==> flow/design.v <==
module my_add_p #(
    parameter DW = 8,
    parameter INPUTS = 3,
    parameter SUM_W = DW + $clog2(INPUTS)
) (
    input logic core_clk,
    input logic rst_n,
    input logic ce,
    input logic [INPUTS*DW-1:0] bus,
    output logic [SUM_W-1:0] sum
);
    logic [SUM_W-1:0] work;
    always_comb begin
        work = '0;
        for (int idx = 0; idx < INPUTS; idx++)
            work = work + bus[idx*DW +: DW];
    end
    logic [SUM_W-1:0] sum_r;
    always_ff @(posedge core_clk or negedge rst_n) begin
        if (!rst_n) begin
            sum_r <= '0;
        end else if (ce) begin
            sum_r <= work;
        end
    end
    assign sum = sum_r;
endmodule
== Step by step through the tools: my_add_p ==
Module my_add_p in several versions that differ in "DW"; each step lists the members.
The file above is the member DW 8. Line numbers count from 1 in each member's own file.
Library cell names are shortened.
A cell with n/a has no value.

* Top: my_add_p
* Clock: core_clk
* Standard-cell library: sky130hd
* Corner: tt_025C_1v80

== Source of the members ==
Lines of each other member's file that are new or changed against the file above; lines that a member lacks are not shown.

{| class="wikitable"
|+ New or changed lines
! DW !! RTL line !! source
|-
| 18 || 2 || <nowiki>parameter DW = 18,</nowiki>
|-
| 24 || 2 || <nowiki>parameter DW = 24,</nowiki>
|}

== After elaboration ==
Yosys after proc, flatten, opt, wreduce and memory -nomap, before mapping. Enables and synchronous resets that opt folds into registers are not counted as muxes. Memory bits, and registers merged into a memory's read port (data or address), are not among the register bits. Print and check cells are not counted. Equal cells are merged and count once.

{| class="wikitable"
|+ Operators by class
! DW !! add/sub/neg operators
|-
| 8 || 2
|-
| 18 || 2
|-
| 24 || 2
|}

{| class="wikitable"
|+ Operators by type and width
! DW !! kind and count
|-
| 8 || 9-bit by 8-bit adder with 10-bit output: 1; 8-bit by 8-bit adder with 9-bit output: 1
|-
| 18 || 19-bit by 18-bit adder with 20-bit output: 1; 18-bit by 18-bit adder with 19-bit output: 1
|-
| 24 || 25-bit by 24-bit adder with 26-bit output: 1; 24-bit by 24-bit adder with 25-bit output: 1
|}

{| class="wikitable"
|+ Bit counts
! DW !! flip-flop bits (word level) !! input bits !! output and inout bits
|-
| 8 || 10 || 27 || 10
|-
| 18 || 20 || 57 || 20
|-
| 24 || 26 || 75 || 26
|}

== Longest topological paths ==
Depth = most cells in a row (Yosys ltp): at word level without a register or memory, in the mapped netlist without a sequential cell, where the memories' decode and read muxes count.

{| class="wikitable"
|+ Logic depth
! DW !! depth in word-level cells !! ABC_AREA !! mapped depth !! mapped depth without buffers
|-
| 8 || 2 || 0 || 9 || 9
|-
| 18 || 2 || 0 || 11 || 11
|-
| 24 || 2 || 0 || 11 || 11
|}

== Netlist ==
The flow's flattened synthesis, as Yosys stat reports it; memories are mapped. The netlist is that of the ABC_AREA named above (0 if unset); the other value can give another one.
Totals and module areas in this step are rounded.

{| class="wikitable"
|+ Synthesis totals
! DW !! cell count !! chip area (Yosys) (um2) !! sequential part of the area (um2) !! flip-flops !! buffer cells
|-
| 8 || 88 || 910 || 250 || 10 || 2
|-
| 18 || 229 || 2200 || 500 || 20 || 12
|-
| 24 || 267 || 2700 || 650 || 26 || 7
|}

{| class="wikitable"
|+ Cells by type
! DW !! types with counts
|-
| 8 || dfrtp_1: 10; fa_1: 9; ha_1: 7; inv_1: 10; a21oi_1: 5; a211oi_1: 3; buf_6: 2; mux2_2: 2; nand2_1: 6; o31a_1: 2; nor2_1: 4; o21ai_0: 3; o31ai_1: 2; a211oi_2: 1; nor2b_1: 2; a2111o_1: 1; mux2i_1: 1; nor3_1: 2; [+16]
|-
| 18 || dfrtp_1: 20; fa_1: 19; ha_1: 17; nand2_1: 21; a21o_1: 10; mux2_2: 6; a21oi_1: 12; inv_1: 16; o21a_1: 7; clkbuf_1: 12; o21ai_0: 9; o221ai_1: 5; o2111ai_1: 4; nor2_1: 9; a211o_1: 3; xnor2_1: 3; a31oi_1: 4; a211oi_1: 3; [+49]
|-
| 24 || dfrtp_1: 26; fa_1: 25; ha_1: 23; a21oi_1: 25; mux2_2: 11; nand2_1: 23; o21ai_0: 15; o21a_1: 9; xnor2_1: 7; a21o_1: 7; xor2_1: 6; nor2_1: 12; o211ai_1: 6; a211o_1: 5; inv_1: 9; and3_1: 5; a211oi_1: 4; o221ai_1: 3; [+46]
|}

The mark [+n] counts cells that are not listed.

== Worst setup path after synthesis ==
Path of least setup slack by OpenSTA after synthesis, without wires, with an ideal clock, recovery checks aside; 20% of the period is set as input and as output delay. Where synthesis merged equal registers, the netlist keeps one of their names.

{| class="wikitable"
|+ Timing path after synthesis
! DW !! path kind !! start point !! end point !! clock period (ns) !! setup slack (ns) !! driving pins on the path !! path delay (ns) !! period reached after synthesis (ns)
|-
| 8 || input port to flip-flop || in bus[1] || reg sum_r[9] || 3.12 || 0.503 || 7 || 1.994 || 2.617
|-
| 18 || input port to flip-flop || in bus[8] || reg sum_r[15] || 3.56 || 0.570 || 7 || 2.278 || 2.99
|-
| 24 || input port to flip-flop || in bus[1] || reg sum_r[21] || 3.78 || 0.604 || 9 || 2.421 || 3.176
|}

"path delay" is the arrival time less input delay plus setup time.
"driving pins on the path" counts driving pins, that of a launching flip-flop among them; a cell with two outputs on the path counts twice.
"period reached after synthesis" is the clock period less the worst setup slack; recovery checks do not enter. This is arithmetic on one report: input and output delays are still those of the set period (20% each).
The rows between start and end are the longest chain of elaborated cells between them; the timing report does not say that the signal goes this way. Where chains are equally long, one stands for them.
Each line given opens the expression or statement behind the cell; cells for indexed reads and writes are added by Yosys, which also makes memories of some case tables.

Between the ends, after synthesis, DW 8:
* Length of the longest elaborated chain: 2

{| class="wikitable"
|+ RTL lines, path after synthesis, DW 8
! element !! RTL line !! source
|-
| from (decl) || 9 || <nowiki>input logic [INPUTS*DW-1:0] bus,</nowiki>
|-
| 8-bit by 8-bit adder with 9-bit output || 16 || <nowiki>work = work + bus[idx*DW +: DW];</nowiki>
|-
| 9-bit by 8-bit adder with 10-bit output || 16 ||
|-
| to (assign) || 21 || <nowiki>sum_r <= '0;</nowiki>
|-
| to (assign) || 23 || <nowiki>sum_r <= work;</nowiki>
|-
| to (decl) || 18 || <nowiki>logic [SUM_W-1:0] sum_r;</nowiki>
|}

Between the ends, after synthesis, DW 24:
* Length of the longest elaborated chain: 2

{| class="wikitable"
|+ RTL lines, path after synthesis, DW 24
! element !! RTL line !! source
|-
| from (decl) || 9 || <nowiki>input logic [INPUTS*DW-1:0] bus,</nowiki>
|-
| 24-bit by 24-bit adder with 25-bit output || 16 || <nowiki>work = work + bus[idx*DW +: DW];</nowiki>
|-
| 25-bit by 24-bit adder with 26-bit output || 16 ||
|-
| to (assign) || 21 || <nowiki>sum_r <= '0;</nowiki>
|-
| to (assign) || 23 || <nowiki>sum_r <= work;</nowiki>
|-
| to (decl) || 18 || <nowiki>logic [SUM_W-1:0] sum_r;</nowiki>
|}

== Timing after layout ==
Path of least setup slack in the final report of the run of each member (OpenROAD, finished layout, wires in). Where an end is a register, its clock arrival counts in the times.

{| class="wikitable"
|+ Timing path post-layout
! DW !! path kind !! start point !! end point !! clock period (ns) !! setup slack (ns) !! driving pins on the path !! arrival (ns) !! path buffers
|-
| 8 || input port to flip-flop || in bus[1] || reg sum_r[9] || 3.12 || 0.27 || 8 || 2.99 || 1
|-
| 18 || input port to flip-flop || in bus[8] || reg sum_r[19] || 3.56 || 0.23 || 9 || 3.47 || 2
|-
| 24 || input port to flip-flop || in bus[1] || reg sum_r[21] || 3.78 || 0.26 || 10 || 3.71 || 1
|}

== Layout results ==
One run of the flow (Yosys, OpenROAD) for each member, with settings and measured results. Input and output delays are each 20% of the period that was set; the output load is 0.01 pF.

* CAP_MARGIN: 20
* CORE_MARGIN: 2
* CORE_UTILIZATION: 40
* SLEW_MARGIN: 20

{| class="wikitable"
|+ Settings by member
! DW !! period_ns
|-
| 8 || 3.12
|-
| 18 || 3.56
|-
| 24 || 3.78
|}

{| class="wikitable"
|+ Results
! DW !! chip area after synthesis (Yosys) (um2) !! area inside the die boundary (um2) !! standard-cell area after layout (um2) !! utilization after routing (%) !! worst slack on setup checks (ns) !! summed negative setup slack (ns) !! power consumption (µW) !! period reached (ns)
|-
| 8 || 910 || 2700 || 1300 || 61 || 0.27 || 0.000 || 590 || 2.847
|-
| 18 || 2200 || 6000 || 3200 || 61 || 0.23 || 0.000 || 1400 || 3.326
|-
| 24 || 2700 || 7300 || 3800 || 60 || 0.26 || 0.000 || 1700 || 3.525
|}

By "period reached" is meant the clock period of the run minus its worst setup slack. This is arithmetic on one report: input and output delays are still those of the set period (20% each).
"power consumption" is the tool's figure for a default switching activity; nothing was simulated.
The results are shown rounded.
